==> flow/design.v <==
module mul_unit #(
   parameter DWIDTH = 4
) (
   input logic ck,
   input logic i_rst,
   input logic [DWIDTH-1:0] da_in,
   input logic [DWIDTH-1:0] db_in,
   output logic [2*DWIDTH-1:0] result_out
);
   logic [DWIDTH-1:0] da_ff;
   logic [DWIDTH-1:0] db_ff;
   always_ff @(posedge ck) begin
      if (i_rst) begin
         da_ff <= 0;
         db_ff <= 0;
      end else begin
         da_ff <= da_in;
         db_ff <= db_in;
      end
   end
   logic [2*DWIDTH-1:0] cur;
   always_comb begin
      cur = 0;
      for (int i = 0; i < DWIDTH; i++)
         if (db_ff[i]) cur = cur + (da_ff << i);
   end
   logic [2*DWIDTH-1:0] result_ff;
   always_ff @(posedge ck) begin
      if (i_rst) begin
         result_ff <= 0;
      end else begin
         result_ff <= cur;
      end
   end
   assign result_out = result_ff;
endmodule
-- Step by step through the tools: mul_unit
What the tools print for mul_unit, step after step.
Lines are those of the file above, counted from 1.
Operators: Yosys type, input widths -> output width; for muxes data width and select width s.
Library cell names are shortened.
A cell with - has no value.
- top module: mul_unit
- clock port: ck
- standard-cell library: sky130hd
- corner: tt_025C_1v80

-- After elaboration
Source: Yosys, flattened and elaborated, memories not mapped. Widths are those after wreduce; folded enables and synchronous resets count as part of the registers. Registers that Yosys merges into a memory's read port (data or address) are not register bits. Print and check cells do not count. Equal cells are merged and count once.
- noted add/sub/neg operators: 3
- muxes and demuxes: 4
- operators with widths (cell ; number):
    $mux 8 ; 3
    $add 8x5->8 ; 1
    $add 8x6->8 ; 1
    $add 8x7->8 ; 1
    $mux 4 ; 1
- register bits: 16
- input bits: 10
- output and inout bits: 8
- elaborated cells at 10

-- Depth
Yosys ltp: most cells in a row. Word level: on the elaborated netlist, between registers, memories and ports. Mapped: between sequential cells and ports; inverters and the memories' decode and read muxes count.
- depth in word-level cells at 7
- noted ABC_AREA: 0
- noted mapped depth: 18
- depth with buffers taken out at 18

-- Synthesis result
The flow's flattened synthesis, as Yosys stat reports it; memories are mapped. The netlist is that of the ABC_AREA named above (0 if unset); the other value can give another one.
- cell types (cell ; number ; area in all (µm²)):
    dfxtp_1 ; 16 ; 320.307
    ha_1 ; 11 ; 137.632
    fa_1 ; 3 ; 60.058
    nor2b_1 ; 9 ; 56.304
    a21oi_1 ; 8 ; 40.038
    inv_1 ; 10 ; 37.536
    nand2_1 ; 9 ; 33.782
    a21o_1 ; 4 ; 30.029
    mux2i_1 ; 3 ; 30.029
    nor2_1 ; 7 ; 26.275
    o31ai_1 ; 3 ; 22.522
    o31a_1 ; 2 ; 17.517
    xnor2_1 ; 2 ; 17.517
    xor2_1 ; 2 ; 17.517
    mux2_4 ; 1 ; 15.014
    o21ai_1 ; 3 ; 15.014
    and3_1 ; 2 ; 12.512
    nand2b_1 ; 2 ; 12.512
Other cell types: 12; their cells: 12.
- noted cell count: 109
- noted synthesis area: 985.9 µm²
- noted sequential area: 320.3 µm²
- noted flip-flop cells: 16
- buffers: 2

-- Path before layout
OpenSTA on the mapped netlist: ideal clock, no wires. The path of least setup slack (recovery checks aside). Input and output delay are each 20% of the period. Register names are those of the netlist, which keeps one name where synthesis merged equal registers.
- kind: register -> register
- start point: register db_ff[0]
- end point: register result_ff[6]
- noted period: 4390 ps
- setup time at 117 ps
- launch time at the first pin: 0 ps
- arrival: 3395 ps
- required time at 4273 ps
- setup slack at 878 ps
- path delay at 3512 ps
- driving pins on the path at 19
- path buffers at 0
- synthesis period reached: 3512 ps
"path delay" is the arrival time less input delay plus setup time.
"driving pins on the path": output pins that drive a net of the path, with the launching flip-flop's if there is one; two outputs of one cell count as two.
"synthesis period reached" is the clock period less the worst setup slack; recovery checks do not enter. This is arithmetic on one report: input and output delays are still those of the set period (20% each).
The rows between start and end are the longest chain of elaborated cells between them; the timing report does not say that the signal goes this way. Where chains are equally long, one stands for them.
A line is the first line of the expression or statement that the cell stems from. Yosys adds cells for indexed reads and writes and turns some case tables into memories.
- cell sequence: dfxtp_1 -> and2_1 -> ha_1 -> inv_1 -> fa_1 -> xnor2_1 -> and3_1 -> nor2_1 -> inv_1 -> ha_1 -> a21o_1 -> a21oi_1 -> mux2i_1 -> or2_1 -> ha_1 -> a21oi_1 -> nand2_1 -> xor2_1 -> a22o_1
- noted cells in the longest elaborated chain: 7
- elaborated cells on any way between the ends at 7
- source lines of those cells at 1
- classes of those cells: add/sub (3); mux (4)
- ends and longest elaborated chain, post-synthesis (element ; line ; source):
    start, declared ; 11 ; logic [DWIDTH-1:0] db_ff;
    start, assigned ; 15 ; db_ff <= 0;
    start, assigned ; 18 ; db_ff <= db_in;
    $mux 4 ; 25 ; if (db_ff[i]) cur = cur + (da_ff << i);
    $add 8x5->8 ; 25 ;
    $mux 8 ; 25 ;
    $add 8x6->8 ; 25 ;
    $mux 8 ; 25 ;
    $add 8x7->8 ; 25 ;
    $mux 8 ; 25 ;
    end, assigned ; 30 ; result_ff <= 0;
    end, assigned ; 32 ; result_ff <= cur;
    end, declared ; 27 ; logic [2*DWIDTH-1:0] result_ff;

-- Worst path after layout
Path of least setup slack in the final report of stored run 1 (OpenROAD, finished layout, wires in). Where an end is a register, its clock arrival counts in the times.
The report prints the path's times to 10 ps; the period is as set.
- kind: register -> register
- start point: register db_ff[0]
- end point: register result_ff[6]
- noted period: 4320 ps
- setup time at 110 ps
- launch time at the first pin: 250 ps
- arrival: 3930 ps
- required time at 4470 ps
- setup slack at 540 ps
- driving pins on the path at 19
- path buffers at 0
The rows between start and end are the longest chain of elaborated cells between them; the timing report does not say that the signal goes this way. Where chains are equally long, one stands for them.
- cell sequence: dfxtp_1 -> and2_1 -> ha_1 -> inv_1 -> fa_1 -> xnor2_1 -> and3_1 -> nor2_1 -> inv_1 -> ha_1 -> a21o_1 -> a21oi_1 -> mux2i_1 -> or2_1 -> ha_1 -> a21oi_1 -> nand2_1 -> xor2_1 -> a22o_1
- noted cells in the longest elaborated chain: 7
- elaborated cells on any way between the ends at 7
- source lines of those cells at 1
- classes of those cells: add/sub (3); mux (4)
- ends and longest elaborated chain, after layout (element ; line ; source):
    start, declared ; 11 ; logic [DWIDTH-1:0] db_ff;
    start, assigned ; 15 ; db_ff <= 0;
    start, assigned ; 18 ; db_ff <= db_in;
    $mux 4 ; 25 ; if (db_ff[i]) cur = cur + (da_ff << i);
    $add 8x5->8 ; 25 ;
    $mux 8 ; 25 ;
    $add 8x6->8 ; 25 ;
    $mux 8 ; 25 ;
    $add 8x7->8 ; 25 ;
    $mux 8 ; 25 ;
    end, assigned ; 30 ; result_ff <= 0;
    end, assigned ; 32 ; result_ff <= cur;
    end, declared ; 27 ; logic [2*DWIDTH-1:0] result_ff;

Subject: mul_unit on sky130hd, stored results

Hello all,

mul_unit through Yosys and OpenROAD on sky130hd: 3 stored runs, unordered, with their settings and measured results. The constraints put input and output delay at 20% of the set period each and load the outputs with 0.01 pF.
"total power after layout" is the tool's figure for a default switching activity; nothing was simulated.

Stored run 1

==> flow/run.sh <==
#!/bin/bash
# the make line also repeats the synthesis and layout settings of config.mk as NAME=value (left out here)
make -C /OpenROAD-flow-scripts/flow DESIGN_CONFIG=/design/flow/config.mk WORK_HOME=/design/flow/orfs CLKGATE_MAP_FILE= finish
==> flow/config.mk <==
export PLATFORM = sky130hd
export DESIGN_NAME = mul_unit
export DESIGN_NICKNAME = mul_unit
export VERILOG_FILES = /design/flow/design.v
export SDC_FILE = /design/flow/constraint.sdc
export NUM_CORES = 4
export LEC_CHECK = 0
export CAP_MARGIN = 40
export CORE_MARGIN = 2
export CORE_UTILIZATION = 15
export CTS_CLUSTER_DIAMETER = 107
export GPL_ROUTABILITY_DRIVEN = 0
export HOLD_SLACK_MARGIN = 0.2
export MAX_ROUTING_LAYER = met4
export PLACE_DENSITY = 0.74
export SLEW_MARGIN = 10
export TNS_END_PERCENT = 30
==> flow/constraint.sdc <==
create_clock -name core_clock -period 4.32 [get_ports {ck}]
set_input_delay 0.8640 -clock core_clock [delete_from_list [all_inputs] [get_ports {ck}]]
set_output_delay 0.8640 -clock core_clock [all_outputs]
set_load 0.01 [all_outputs]

Measured in stored run 1:
- Yosys chip area after synthesis: 985.9 µm²
- standard-cell area after layout: 1296.2 µm²
- total negative slack on setup checks at 0 ps
- total die area at 7237.8 µm²
- noted the worst-case hold slack: 592 ps
- total power after layout at 0.3528 mW
- worst setup slack after layout at 537 ps

Stored run 2

==> flow/run.sh <==
#!/bin/bash
# the make line also repeats the synthesis and layout settings of config.mk as NAME=value (left out here)
make -C /OpenROAD-flow-scripts/flow DESIGN_CONFIG=/design/flow/config.mk WORK_HOME=/design/flow/orfs CLKGATE_MAP_FILE= finish
==> flow/config.mk <==
export PLATFORM = sky130hd
export DESIGN_NAME = mul_unit
export DESIGN_NICKNAME = mul_unit
export VERILOG_FILES = /design/flow/design.v
export SDC_FILE = /design/flow/constraint.sdc
export NUM_CORES = 4
export LEC_CHECK = 0
export CAP_MARGIN = 20
export CELL_PAD_IN_SITES_GLOBAL_PLACEMENT = 3
export CORE_ASPECT_RATIO = 1.32
export CORE_MARGIN = 2
export CORE_UTILIZATION = 43
export CTS_CLUSTER_DIAMETER = 73
export MIN_ROUTING_LAYER = met1
export SLEW_MARGIN = 20
==> flow/constraint.sdc <==
create_clock -name core_clock -period 4.69 [get_ports {ck}]
set_input_delay 0.9380 -clock core_clock [delete_from_list [all_inputs] [get_ports {ck}]]
set_output_delay 0.9380 -clock core_clock [all_outputs]
set_load 0.01 [all_outputs]

Stored run 2: no final report: placement broke off with GPL-0301.

Stored run 3

==> flow/run.sh <==
#!/bin/bash
# the make line also repeats the synthesis and layout settings of config.mk as NAME=value (left out here)
make -C /OpenROAD-flow-scripts/flow DESIGN_CONFIG=/design/flow/config.mk WORK_HOME=/design/flow/orfs CLKGATE_MAP_FILE= finish
==> flow/config.mk <==
export PLATFORM = sky130hd
export DESIGN_NAME = mul_unit
export DESIGN_NICKNAME = mul_unit
export VERILOG_FILES = /design/flow/design.v
export SDC_FILE = /design/flow/constraint.sdc
export NUM_CORES = 4
export LEC_CHECK = 0
export CAP_MARGIN = 20
export CORE_MARGIN = 2
export CORE_UTILIZATION = 40
export SLEW_MARGIN = 20
==> flow/constraint.sdc <==
create_clock -name core_clock -period 4.39 [get_ports {ck}]
set_input_delay 0.8780 -clock core_clock [delete_from_list [all_inputs] [get_ports {ck}]]
set_output_delay 0.8780 -clock core_clock [all_outputs]
set_load 0.01 [all_outputs]

Measured in stored run 3:
- Yosys chip area after synthesis: 985.9 µm²
- standard-cell area after layout: 1216.2 µm²
- total negative slack on setup checks at 0 ps
- total die area at 2877.8 µm²
- noted the worst-case hold slack: 579 ps
- total power after layout at 0.3078 mW
- worst setup slack after layout at 557 ps

Thanks
